==> flow/design.v <==
module my_multiplier #(
  parameter W = 18,
  parameter MULT_BY = 1445,
  parameter OUT_W = W + $clog2(MULT_BY + 1)
) (
  input  aclk,
  input  [W-1:0] lhs,
  output [OUT_W-1:0] out
);
  reg [W-1:0] r_lhs;
  always @(posedge aclk)
    r_lhs <= lhs;
  assign out = r_lhs * MULT_BY;
endmodule
# [Step by step through the tools: my_multiplier]
# What the tools print for my_multiplier, step after step.
# Line numbers count from 1 in the design file above.
# Library cell names are shortened.
# The mark -- stands for no value.
[design] top="my_multiplier" clock_port="aclk" lib="sky130hd" pvt_corner="tt_025C_1v80"

# [Word-level counts]
# Counts by Yosys on the flattened word-level netlist (proc, flatten, opt, wreduce; memories kept). Register bits leave out memories and registers merged into their read ports (data or address); mux counts leave out enables and synchronous resets folded into registers. Print and check cells are left out. Cells with the same type and inputs are merged into one.
[classes] n_mul=1
[ops] cell="18-bit by 11-bit multiplier with 29-bit output (second input constant)" count=1
[bits] regBits=18 output_inout_bits=29

# [Longest topological paths]
# Yosys ltp: most cells in a row. Word level: on the elaborated netlist, between registers, memories and ports. Mapped: between sequential cells and ports; inverters and the memories' decode and read muxes count.
[logic_depth] depth_word=1 abc_area=0 depth_mapped=17 ltp_nobuf=16

# [Netlist]
# The flow's flattened synthesis, as Yosys stat reports it; memories are mapped. The netlist is that of the ABC_AREA named above (0 if unset); the other value can give another one.
[by_type] type="ha_1" count=100 area_total_um2=1251.2
[by_type] type="fa_1" count=50 area_total_um2=1000.96
[by_type] type="inv_1" count=111 area_total_um2=416.65
[by_type] type="dfxtp_1" count=18 area_total_um2=360.346
[by_type] type="xnor2_1" count=17 area_total_um2=148.893
[by_type] type="xor2_1" count=16 area_total_um2=140.134
[by_type] type="a21o_1" count=12 area_total_um2=90.086
[by_type] type="a21oi_1" count=17 area_total_um2=85.082
[by_type] type="nand2_1" count=15 area_total_um2=56.304
[by_type] type="and2_1" count=8 area_total_um2=50.048
[by_type] type="o31ai_4" count=2 area_total_um2=42.541
[by_type] type="o21ai_0" count=8 area_total_um2=40.038
[by_type] type="o21a_1" count=5 area_total_um2=37.536
[by_type] type="nor2_1" count=7 area_total_um2=26.275
[by_type] type="a31oi_1" count=4 area_total_um2=25.024
[by_type] type="o21bai_1" count=3 area_total_um2=22.522
[by_type] type="nand3_1" count=4 area_total_um2=20.019
[by_type] type="a211o_1" count=2 area_total_um2=17.517
# Other cell types: 20; their cells: 28.
[mapped] cell_count=427 synth_area_um2=4050.1 seq_area_um2=360.3 ffs=18 n_buf=6

# [Worst setup path after synthesis]
# Source: OpenSTA report_checks on the synthesized netlist (no wires, ideal clock, input and output delay 20% of the period each), path of least setup slack; recovery checks are left aside. Register names are those of the netlist, which keeps one name where synthesis merged equal registers.
[synth_timing] path_type="reg-to-output" startpoint="register r_lhs[1]" endpoint="output out[27]" clock_period_ns=6.94 output_delay_ns=1.388 launch_ns=0.000 t_arrival_ns=4.441 slack_ns=1.111 path_delay_ns=4.441 driving_pins=16 period_less_setup_slack_ns=5.829
# "path_delay_ns" is the arrival time less input delay plus setup time.
# A path that ends at an output port has no setup time.
# "driving_pins" counts driving pins, that of a launching flip-flop among them; a cell with two outputs on the path counts twice.
# "period_less_setup_slack_ns" is the clock period less the worst setup slack; recovery checks do not enter. This is arithmetic on one report: input and output delays are still those of the set period (20% each).
# Between the ends stands the longest chain of elaborated cells between them, by number of cells; it is not shown to be the way that was timed. Of several equally long chains one is given.
# Each line given opens the expression or statement behind the cell; cells for indexed reads and writes are added by Yosys, which also makes memories of some case tables.
[synth_via] path_cell_list="dfxtp_1 -> ha_1 -> xor2_1 -> ha_1 -> or2_2 -> fa_1 -> inv_1 -> fa_1 -> inv_1 -> fa_1 -> ha_1 -> o211ai_1 -> o31ai_4 -> a31oi_2 -> o311ai_2 -> xor2_1" elab_chain_cells=1 cells_between=1
[synth_lines] item="start, declared" line=10 text="reg [W-1:0] r_lhs;"
[synth_lines] item="start, assigned" line=12 text="r_lhs <= lhs;"
[synth_lines] item="18-bit by 11-bit multiplier with 29-bit output" line=13 text="assign out = r_lhs * MULT_BY;"
[synth_lines] item="end, declared" line=8 text="output [OUT_W-1:0] out"
# Nets of the timed path that keep an RTL name, with a line that drives or declares them; the list need not be complete.
[synth_named_nets] signal="out[3]" line=13

# [Timing after layout]
# Path of least setup slack in the final report of flow run A (OpenROAD, finished layout, wires in). Where an end is a register, its clock arrival counts in the times.
[layout_timing] path_type="reg-to-output" startpoint="register r_lhs[3]" endpoint="output out[28]" clock_period_ns=8.26 output_delay_ns=1.65 launch_ns=0.24 t_arrival_ns=5.67 slack_ns=0.94 driving_pins=18
# Between the ends stands the longest chain of elaborated cells between them, by number of cells; it is not shown to be the way that was timed. Of several equally long chains one is given.
[layout_via] path_cell_list="dfxtp_1 -> ha_1 -> xor2_1 -> ha_1 -> or2_2 -> fa_1 -> inv_1 -> fa_1 -> inv_1 -> fa_1 -> ha_1 -> nand2_1 -> o21ai_0 -> a21oi_1 -> a21oi_1 -> o221ai_1 -> xnor2_1 -> clkdlybuf4s50_1" elab_chain_cells=1 cells_between=1
[layout_lines] item="start, declared" line=10 text="reg [W-1:0] r_lhs;"
[layout_lines] item="start, assigned" line=12 text="r_lhs <= lhs;"
[layout_lines] item="18-bit by 11-bit multiplier with 29-bit output" line=13 text="assign out = r_lhs * MULT_BY;"
[layout_lines] item="end, declared" line=8 text="output [OUT_W-1:0] out"

# Measured data: module my_multiplier, platform sky130hd, 3 stored runs of the flow under differing settings, order arbitrary. Input and output delays are each 20% of the period that was set; the output load is 0.01 pF.
# "clock_period_reached_ns" means the clock period less the worst setup slack. The figure is calculated, with input and output delays left at 20% of the set period.
# "worst_path_time_ns" = time allowed to the worst setup path (clock period - input delay - output delay, where it has them) - its slack; a late launch clock adds to it, a late capture clock takes from it.
run="flow run A" settings period_ns=8.26 CORE_UTILIZATION=25 PLACE_DENSITY_LB_ADDON=0.22 CORE_MARGIN=9 CELL_PAD_IN_SITES_GLOBAL_PLACEMENT=3 CELL_PAD_IN_SITES_DETAIL_PLACEMENT=0 GPL_ROUTABILITY_DRIVEN=0 MIN_ROUTING_LAYER="met2" CAP_MARGIN=20 SLEW_MARGIN=20
run="flow run A" results final_setup_tns_ns=0.000 worst_hold_slack_ns=1.848 total_die_area_um2=21106.3 util_pct=30.4 setup_worst_slack_ns=0.936 synthArea_um2=4050.1 finish.stdcell_area_um2=4834.6 worst_path_time_ns=5.67 critical_path_kind="reg-to-output" clock_period_reached_ns=7.324
run="flow run B" settings period_ns=3.94 CORE_UTILIZATION=68 PLACE_DENSITY_LB_ADDON=0.18 HOLD_SLACK_MARGIN=0.22 CELL_PAD_IN_SITES_GLOBAL_PLACEMENT=3 TNS_END_PERCENT=75 GPL_ROUTABILITY_DRIVEN=0 CTS_CLUSTER_SIZE=76 CAP_MARGIN=20 SLEW_MARGIN=40 CORE_MARGIN=2
run="flow run B" outcome="incomplete, placement halted on FLW-0024"
run="flow run C" settings period_ns=6.94 CAP_MARGIN=20 CORE_MARGIN=2 CORE_UTILIZATION=40 SLEW_MARGIN=20
run="flow run C" results final_setup_tns_ns=0.000 worst_hold_slack_ns=1.573 total_die_area_um2=10946.4 util_pct=48.2 setup_worst_slack_ns=0.219 synthArea_um2=4050.1 finish.stdcell_area_um2=4733.3 worst_path_time_ns=5.33 critical_path_kind="reg-to-output" clock_period_reached_ns=6.721
